==> flow/design.v <==
module cpu_adder_n #(
  parameter WIDTH = 6
) (
  input  wire core_clk,
  input  wire [WIDTH-1:0] in_rs1,
  input  wire [WIDTH-1:0] in_rs2,
  input  wire in_c0,
  output reg [WIDTH-1:0] out_q,
  output reg out_carry_out
);
  reg [WIDTH-1:0] rs1_q;
  always @(posedge core_clk)
    rs1_q <= in_rs1;
  reg [WIDTH-1:0] rs2_q;
  always @(posedge core_clk)
    rs2_q <= in_rs2;
  reg c0_q;
  always @(posedge core_clk)
    c0_q <= in_c0;
  wire [WIDTH-1:0] nxt;
  wire [WIDTH:0] carry;
  assign carry[0] = c0_q;
  genvar ii;
  generate
    for (ii = 0; ii < WIDTH; ii = ii + 1) begin : blk
      assign nxt[ii] = rs1_q[ii] ^ rs2_q[ii] ^ carry[ii];
      assign carry[ii+1] = (rs1_q[ii] & rs2_q[ii]) | (carry[ii] & (rs1_q[ii] ^ rs2_q[ii]));
    end
  endgenerate
  always @(posedge core_clk)
    out_q <= nxt;
  always @(posedge core_clk)
    out_carry_out <= carry[WIDTH];
endmodule
# From RTL to reports: cpu_adder_n
# Tool output for the design above, in the order of the flow.
# Line numbers count from 1 in the design file above.
# A cell with -- has no value.
[setup]
top_module = "cpu_adder_n"
clock = "core_clk"
cell_library = "sky130hd"
pvt_corner = "tt_025C_1v80"

# Word-level counts
# Source: Yosys, flattened and elaborated, memories not mapped. Widths are those after wreduce; folded enables and synchronous resets count as part of the registers. Registers that Yosys merges into a memory's read port (data or address) are not register bits. Print and check cells do not count. Equal cells are merged and count once.
[bits]
elab_cells = 35
inputBits = 14
ff_bits = 20
[classes]
logic = 30
[op_table]
columns = ["op", "count"]
rows = [
  ["AND 1 bit", 12],
  ["bitwise XOR 1 bit", 12],
  ["bitwise OR 1 bit", 6],
]

# Longest topological paths
# Depth = most cells in a row (Yosys ltp): at word level without a register or memory, in the mapped netlist without a sequential cell, where the memories' decode and read muxes count.
[logic_depth]
depth_word = 13
ABC_AREA = 0
ltp_mapped = 10
depth_no_buf = 10

# Mapped cells and area
# Source: synth_stat.txt of the flow (Yosys; design flattened, memories mapped). It holds for the ABC_AREA given above (unset counts as 0); a run with the other value may have another netlist.
[synth_totals]
ff_cells = 20
mapped_cells = 36
sequential_area_mm2 = 0.0004004
mapped_area_mm2 = 0.000558
buffers = 0
[by_type]
columns = ["cell", "count", "area_total_um2"]
rows = [
  ["sky130_fd_sc_hd__dfxtp_1", 20, 400.384],
  ["sky130_fd_sc_hd__fa_1", 6, 120.115],
  ["sky130_fd_sc_hd__inv_1", 10, 37.536],
]

# Timing after synthesis
# OpenSTA on the mapped netlist: ideal clock, no wires. The path of least setup slack (recovery checks aside). Input and output delay are each 20% of the period. Register names are those of the netlist, which keeps one name where synthesis merged equal registers.
[synth_timing]
path_kind = "register to register"
from = "register rs1_q[0]"
to = "register out_q[5]"
arrival_time_ns = 2.562
path_slack_ns = 0.651
path_stages = 11
setup_ns = 0.057
delay_ns = 2.619
clock_period_ns = 3.27
t_first_pin_ns = 0.000
period_less_setup_slack_ns = 2.619
# "delay_ns" = arrival - input delay + setup time.
# "path_stages": output pins that drive a net of the path, with the launching flip-flop's if there is one; two outputs of one cell count as two.
# "period_less_setup_slack_ns" = period - worst setup slack (recovery checks aside). The figure is calculated, with input and output delays left at 20% of the set period.
# Between the ends stands the longest chain of elaborated cells between them, by number of cells; it is not shown to be the way that was timed. Of several equally long chains one is given.
# Each line given opens the expression or statement behind the cell; cells for indexed reads and writes are added by Yosys, which also makes memories of some case tables.
[synth_between]
cell_sequence = "sky130_fd_sc_hd__dfxtp_1 sky130_fd_sc_hd__fa_1 sky130_fd_sc_hd__fa_1 sky130_fd_sc_hd__fa_1 sky130_fd_sc_hd__inv_1 sky130_fd_sc_hd__fa_1 sky130_fd_sc_hd__inv_1 sky130_fd_sc_hd__fa_1 sky130_fd_sc_hd__inv_1 sky130_fd_sc_hd__fa_1 sky130_fd_sc_hd__inv_1"
elab_chain_cells = 12
[synth_rtl]
columns = ["element", "line", "text"]
rows = [
  ["from (decl)", 11, "reg [WIDTH-1:0] rs1_q;"],
  ["from (assign)", 13, "rs1_q <= in_rs1;"],
  ["bitwise XOR 1 bit", 27, "assign carry[ii+1] = (rs1_q[ii] & rs2_q[ii]) | (carry[ii] & (rs1_q[ii] ^ rs2_q[ii]));"],
  ["AND 1 bit", 27, ""],
  ["bitwise OR 1 bit", 27, ""],
  ["AND 1 bit", 27, ""],
  ["bitwise OR 1 bit", 27, ""],
  ["AND 1 bit", 27, ""],
  ["bitwise OR 1 bit", 27, ""],
  ["AND 1 bit", 27, ""],
  ["bitwise OR 1 bit", 27, ""],
  ["AND 1 bit", 27, ""],
  ["bitwise OR 1 bit", 27, ""],
  ["bitwise XOR 1 bit", 26, "assign nxt[ii] = rs1_q[ii] ^ rs2_q[ii] ^ carry[ii];"],
  ["to (assign)", 31, "out_q <= nxt;"],
  ["to (decl)", 8, "output reg [WIDTH-1:0] out_q,"],
]

# Worst path after layout
# Path of least setup slack in the final report of entry A (OpenROAD, finished layout, wires in). Where an end is a register, its clock arrival counts in the times.
[layout_timing]
path_kind = "register to register"
from = "register rs1_q[0]"
to = "register out_q[5]"
path_slack_ns = -0.59
clock_period_ns = 1.99
arrival_time_ns = 2.82
setup_ns = 0.04
t_first_pin_ns = 0.29
path_stages = 11
# Between the ends stands the longest chain of elaborated cells between them, by number of cells; it is not shown to be the way that was timed. Of several equally long chains one is given.
[layout_between]
cell_sequence = "sky130_fd_sc_hd__dfxtp_2 sky130_fd_sc_hd__fa_2 sky130_fd_sc_hd__fa_2 sky130_fd_sc_hd__fa_2 sky130_fd_sc_hd__inv_2 sky130_fd_sc_hd__fa_2 sky130_fd_sc_hd__inv_2 sky130_fd_sc_hd__fa_2 sky130_fd_sc_hd__inv_2 sky130_fd_sc_hd__fa_2 sky130_fd_sc_hd__inv_2"
elab_chain_cells = 12
[layout_rtl]
columns = ["element", "line", "text"]
rows = [
  ["from (decl)", 11, "reg [WIDTH-1:0] rs1_q;"],
  ["from (assign)", 13, "rs1_q <= in_rs1;"],
  ["bitwise XOR 1 bit", 27, "assign carry[ii+1] = (rs1_q[ii] & rs2_q[ii]) | (carry[ii] & (rs1_q[ii] ^ rs2_q[ii]));"],
  ["AND 1 bit", 27, ""],
  ["bitwise OR 1 bit", 27, ""],
  ["AND 1 bit", 27, ""],
  ["bitwise OR 1 bit", 27, ""],
  ["AND 1 bit", 27, ""],
  ["bitwise OR 1 bit", 27, ""],
  ["AND 1 bit", 27, ""],
  ["bitwise OR 1 bit", 27, ""],
  ["AND 1 bit", 27, ""],
  ["bitwise OR 1 bit", 27, ""],
  ["bitwise XOR 1 bit", 26, "assign nxt[ii] = rs1_q[ii] ^ rs2_q[ii] ^ carry[ii];"],
  ["to (assign)", 31, "out_q <= nxt;"],
  ["to (decl)", 8, "output reg [WIDTH-1:0] out_q,"],
]

# Stored flow runs of cpu_adder_n (3 of them; Yosys, OpenROAD, sky130hd). They differ in their settings and are not a sequence. Constraints: input delay and output delay 20% of the set period each, output load 0.01 pF.
# "clock_period_reached_ns" is the run's clock period less its worst setup slack. It is reckoned from that one timing run; input and output delays stay at 20% of the period that was set.
# By "worst_setup_path_time_ns" is meant the share of the clock period that the worst setup path is allowed (20% is reserved at inputs, 20% at outputs), minus its slack. Clock arrival times at its registers enter into it.
# "total_power_uw" is the tool's figure for a default switching activity; nothing was simulated.

[[run]]
name = "entry A"
[run.settings]
period_ns = 1.99
CORE_UTILIZATION = 18
PLACE_DENSITY_LB_ADDON = 0.23
CORE_MARGIN = 4
TNS_END_PERCENT = 80
ABC_AREA = 0
GPL_TIMING_DRIVEN = 1
GPL_ROUTABILITY_DRIVEN = 0
CTS_CLUSTER_DIAMETER = 361
CAP_MARGIN = 15
SLEW_MARGIN = 20
MIN_ROUTING_LAYER = "met1"
MAX_ROUTING_LAYER = "met5"
[run.results]
post_synth_area_mm2 = 0.000558
finalUtil_frac = 0.298
setup_worst_slack_ns = -0.587
total_power_uw = 799.4
holdWs_ns = 0.531
final_die_area_mm2 = 0.0040551
worst_setup_path_time_ns = 2.58
worstPathKind = "register to register"
clock_period_reached_ns = 2.577

[[run]]
name = "entry B"
[run.settings]
period_ns = 3.36
CORE_UTILIZATION = 25
PLACE_DENSITY_LB_ADDON = 0.17
CORE_MARGIN = 2
TNS_END_PERCENT = 40
CTS_CLUSTER_SIZE = 51
CTS_CLUSTER_DIAMETER = 326
SLEW_MARGIN = 25
MIN_ROUTING_LAYER = "met2"
CAP_MARGIN = 20
[run.results]
post_synth_area_mm2 = 0.000558
finalUtil_frac = 0.376
setup_worst_slack_ns = 0.646
total_power_uw = 438.5
holdWs_ns = 0.496
final_die_area_mm2 = 0.0026261
worst_setup_path_time_ns = 2.71
worstPathKind = "register to register"
clock_period_reached_ns = 2.714

[[run]]
name = "entry C"
[run.settings]
period_ns = 3.27
CAP_MARGIN = 20
CORE_MARGIN = 2
CORE_UTILIZATION = 40
SLEW_MARGIN = 20
[run.results]
post_synth_area_mm2 = 0.000558
finalUtil_frac = 0.625
setup_worst_slack_ns = 0.512
total_power_uw = 480.6
holdWs_ns = 0.526
final_die_area_mm2 = 0.0017098
worst_setup_path_time_ns = 2.76
worstPathKind = "register to register"
clock_period_reached_ns = 2.758
